==> flow/design.v <==
module mag_cmp_n #(
  parameter WD = 4,
  parameter N = 7
) (
  input  clk,
  input  [N*WD-1:0] din,
  output [WD-1:0] max_o
);
  reg [N*WD-1:0] din_d1;
  reg [WD-1:0] work;
  integer k;
  always @(*) begin
    work = din_d1[WD-1:0];
    for (k = 1; k < N; k = k + 1)
      if (din_d1[k*WD +: WD] > work) work = din_d1[k*WD +: WD];
  end
  assign max_o = work;
  always @(posedge clk)
    din_d1 <= din;
endmodule
# From RTL to reports: mag_cmp_n
# The steps from the RTL of mag_cmp_n to its reports follow in flow order.
# Line numbers count from 1 in the design file above.
# Library cell names are shortened.
# A cell with n/a has no value.
# design
design	mag_cmp_n
clk_port	clk
library	sky130hd
corner	tt_025C_1v80

# Elaborated design
# Counts by Yosys on the flattened word-level netlist (proc, flatten, opt, wreduce; memories kept). Register bits leave out memories and registers merged into their read ports (data or address); mux counts leave out enables and synchronous resets folded into registers. Print and check cells are left out. Cells with the same type and inputs are merged into one.
# word_totals
reg_bits	28
word_cells	13
inputBits	29
output_inout_bits	4
# op_classes
cmp	6
muxes	6
# op_table
op	n
4-bit > comparator	6
4-bit two-way mux	6

# Depth
# Longest topological path by Yosys (ltp), each cell counted once; first at word level (registers and memories cut), then after technology mapping (sequential cells cut; the memories' decode and read muxes count).
# depth
ltp_word	12
abc_area	0
ltp_mapped	49
depth_no_buf	48

# Netlist
# The flow's flattened synthesis, as Yosys stat reports it; memories are mapped. The netlist is that of the ABC_AREA named above (0 if unset); the other value can give another one.
# Totals and module areas in this step are rounded.
# synth_totals
area_um2	1780
seq_area_um2	561
cell_count	196
ffs	28
buf_cells	5
# by_type
type	n	type_area_um2
dfxtp_1	28	560.538
ha_1	18	225.216
inv_1	19	71.318
a21oi_1	12	60.058
o21ai_0	12	60.058
a211oi_1	6	45.043
nor2_1	12	45.043
nand2_1	9	33.782
mux2i_1	3	30.029
a311oi_4	1	26.275
o31a_1	3	26.275
nor3_1	5	25.024
mux2_2	2	22.522
o211ai_1	3	22.522
nor4_4	1	21.27
a32o_1	2	20.019
a31oi_1	3	18.768
nand2b_1	3	18.768
# Other cell types: 41; their cells: 54.

# Timing after synthesis
# OpenSTA on the mapped netlist: ideal clock, no wires. The path of least setup slack (recovery checks aside). Input and output delay are each 20% of the period. Register names are those of the netlist, which keeps one name where synthesis merged equal registers.
# synth_timing
path_type	register to output
from	register din_d1[2]
to	output max_o[2]
delay_ns	9.117
path_stages	45
launch_ns	0.000
output_delay_ns	2.840
path_slack_ns	2.243
arrival_ns	9.117
period_ns	14.2
required_ns	11.360
n_path_buf	2
synth_period_reached_ns	11.957
# "delay_ns" is the arrival time less input delay plus setup time.
# A path that ends at an output port has no setup time.
# "path_stages": output pins that drive a net of the path, with the launching flip-flop's if there is one; two outputs of one cell count as two.
# "synth_period_reached_ns" is the clock period less the worst setup slack; recovery checks do not enter. This is arithmetic on one report: input and output delays are still those of the set period (20% each).
# Between the ends stands the longest chain of elaborated cells between them, by number of cells; it is not shown to be the way that was timed. Of several equally long chains one is given.
# A line is the first line of the expression or statement that the cell stems from. Yosys adds cells for indexed reads and writes and turns some case tables into memories.
# synth_between
cell_sequence	dfxtp_1 inv_1 ha_1 and4_4 buf_6 a21oi_1 mux2i_1 ha_1 a21oi_1 a21oi_1 and4_1 nor4_4 o21ai_0 ha_1 and2_1 a21oi_1 nor3_1 a211o_2 [9 not listed] o31a_1 ha_1 a21oi_1 a32oi_1 o21ai_0 and4b_1 o21a_1 o311ai_2 inv_1 ha_1 nor2b_1 o21ai_0 nand2b_1 a21oi_1 a41o_1 inv_1 a21o_1 o32a_1
elab_chain_cells	12
cone_cells	12
lines_between	1
cone_classes	compare (6); mux (6)
# synth_lines
item	line_no	text
from (decl)	9	reg [N*WD-1:0] din_d1;
from (assign)	19	din_d1 <= din;
4-bit > comparator	15	if (din_d1[k*WD +: WD] > work) work = din_d1[k*WD +: WD];
4-bit two-way mux	15
4-bit > comparator	15
4-bit two-way mux	15
4-bit > comparator	15
4-bit two-way mux	15
4-bit > comparator	15
4-bit two-way mux	15
4-bit > comparator	15
4-bit two-way mux	15
4-bit > comparator	15
4-bit two-way mux	15
to (decl)	7	output [WD-1:0] max_o

# Path in the finished layout
# Path of least setup slack in the final report of entry A (OpenROAD, finished layout, wires in). Where an end is a register, its clock arrival counts in the times.
# layout_timing
path_type	register to output
from	register din_d1[1]
to	output max_o[2]
period_ns	20.0
path_slack_ns	4.80
arrival_ns	11.20
n_path_buf	1
output_delay_ns	4.00
path_stages	45
launch_ns	0.28
required_ns	16.00
# Between the ends stands the longest chain of elaborated cells between them, by number of cells; it is not shown to be the way that was timed. Of several equally long chains one is given.
# layout_between
cell_sequence	dfxtp_1 inv_1 ha_1 nor2b_1 o211ai_1 a21oi_1 mux2i_1 ha_1 a21oi_1 a21oi_1 and4_1 nor4_4 o21ai_0 ha_1 and2_1 a21oi_1 nor3_1 a211o_2 [9 not listed] ha_1 a21oi_1 a32oi_1 o21ai_0 and4b_1 o21a_1 o311ai_2 inv_1 ha_1 nor2b_1 o21ai_0 nand2b_1 a21oi_1 a41o_1 inv_1 a21o_1 o32a_1 clkdlybuf4s50_1
elab_chain_cells	12
cone_cells	12
lines_between	1
cone_classes	compare (6); mux (6)
# layout_lines
item	line_no	text
from (decl)	9	reg [N*WD-1:0] din_d1;
from (assign)	19	din_d1 <= din;
4-bit > comparator	15	if (din_d1[k*WD +: WD] > work) work = din_d1[k*WD +: WD];
4-bit two-way mux	15
4-bit > comparator	15
4-bit two-way mux	15
4-bit > comparator	15
4-bit two-way mux	15
4-bit > comparator	15
4-bit two-way mux	15
4-bit > comparator	15
4-bit two-way mux	15
4-bit > comparator	15
4-bit two-way mux	15
to (decl)	7	output [WD-1:0] max_o

# mag_cmp_n through Yosys and OpenROAD on sky130hd: 3 stored runs, unordered, with their settings and measured results. The constraints put input and output delay at 20% of the set period each and load the outputs with 0.01 pF.
# "achievedPeriod_ns": clock period set for the run, less the worst setup slack. It is reckoned from that one timing run; input and output delays stay at 20% of the period that was set.
# "worstPathTime_ns" = time allowed to the worst setup path (clock period - input delay - output delay, where it has them) - its slack; a late launch clock adds to it, a late capture clock takes from it.
# "power_total_w" is the tool's figure for a default switching activity; nothing was simulated.
# Measured values are rounded.
# A setting shown as n/a is not set for that run.
stored run	period_ns	CORE_UTILIZATION	SETUP_SLACK_MARGIN	PLACE_DENSITY	HOLD_SLACK_MARGIN	CORE_ASPECT_RATIO	CELL_PAD_IN_SITES_GLOBAL_PLACEMENT	GPL_TIMING_DRIVEN	CTS_CLUSTER_SIZE	MAX_ROUTING_LAYER	CAP_MARGIN	CORE_MARGIN	SLEW_MARGIN	PLACE_DENSITY_LB_ADDON	GPL_ROUTABILITY_DRIVEN	CTS_CLUSTER_DIAMETER	MIN_ROUTING_LAYER	tns_ns	final_cell_area_um2	final_die_area_um2	ws_hold_ns	worstPathTime_ns	worst_path_kind	utilization_pct	fin_ws_ns	synthArea_um2	power_total_w	achievedPeriod_ns
entry A	20.0	31	0.68	0.36	-0.1	1.72	0	1	75	met4	20	2	20	n/a	n/a	n/a	n/a	0.000	2220	6390	4.15	11.20	register to output	39.8	4.80	1780	0.000335	15.196
entry B	14.2	40	n/a	n/a	n/a	n/a	n/a	n/a	n/a	n/a	20	2	20	n/a	n/a	n/a	n/a	0.000	2260	5000	2.99	10.70	register to output	52.3	0.662	1780	0.000491	13.538
entry C	9.94	34	2.81	n/a	n/a	n/a	0	0	20	n/a	20	2	20	0.05	1	161	met2	-4.87	3000	5830	2.14	9.19	register to output	59.1	-1.24	1780	0.00102	11.179
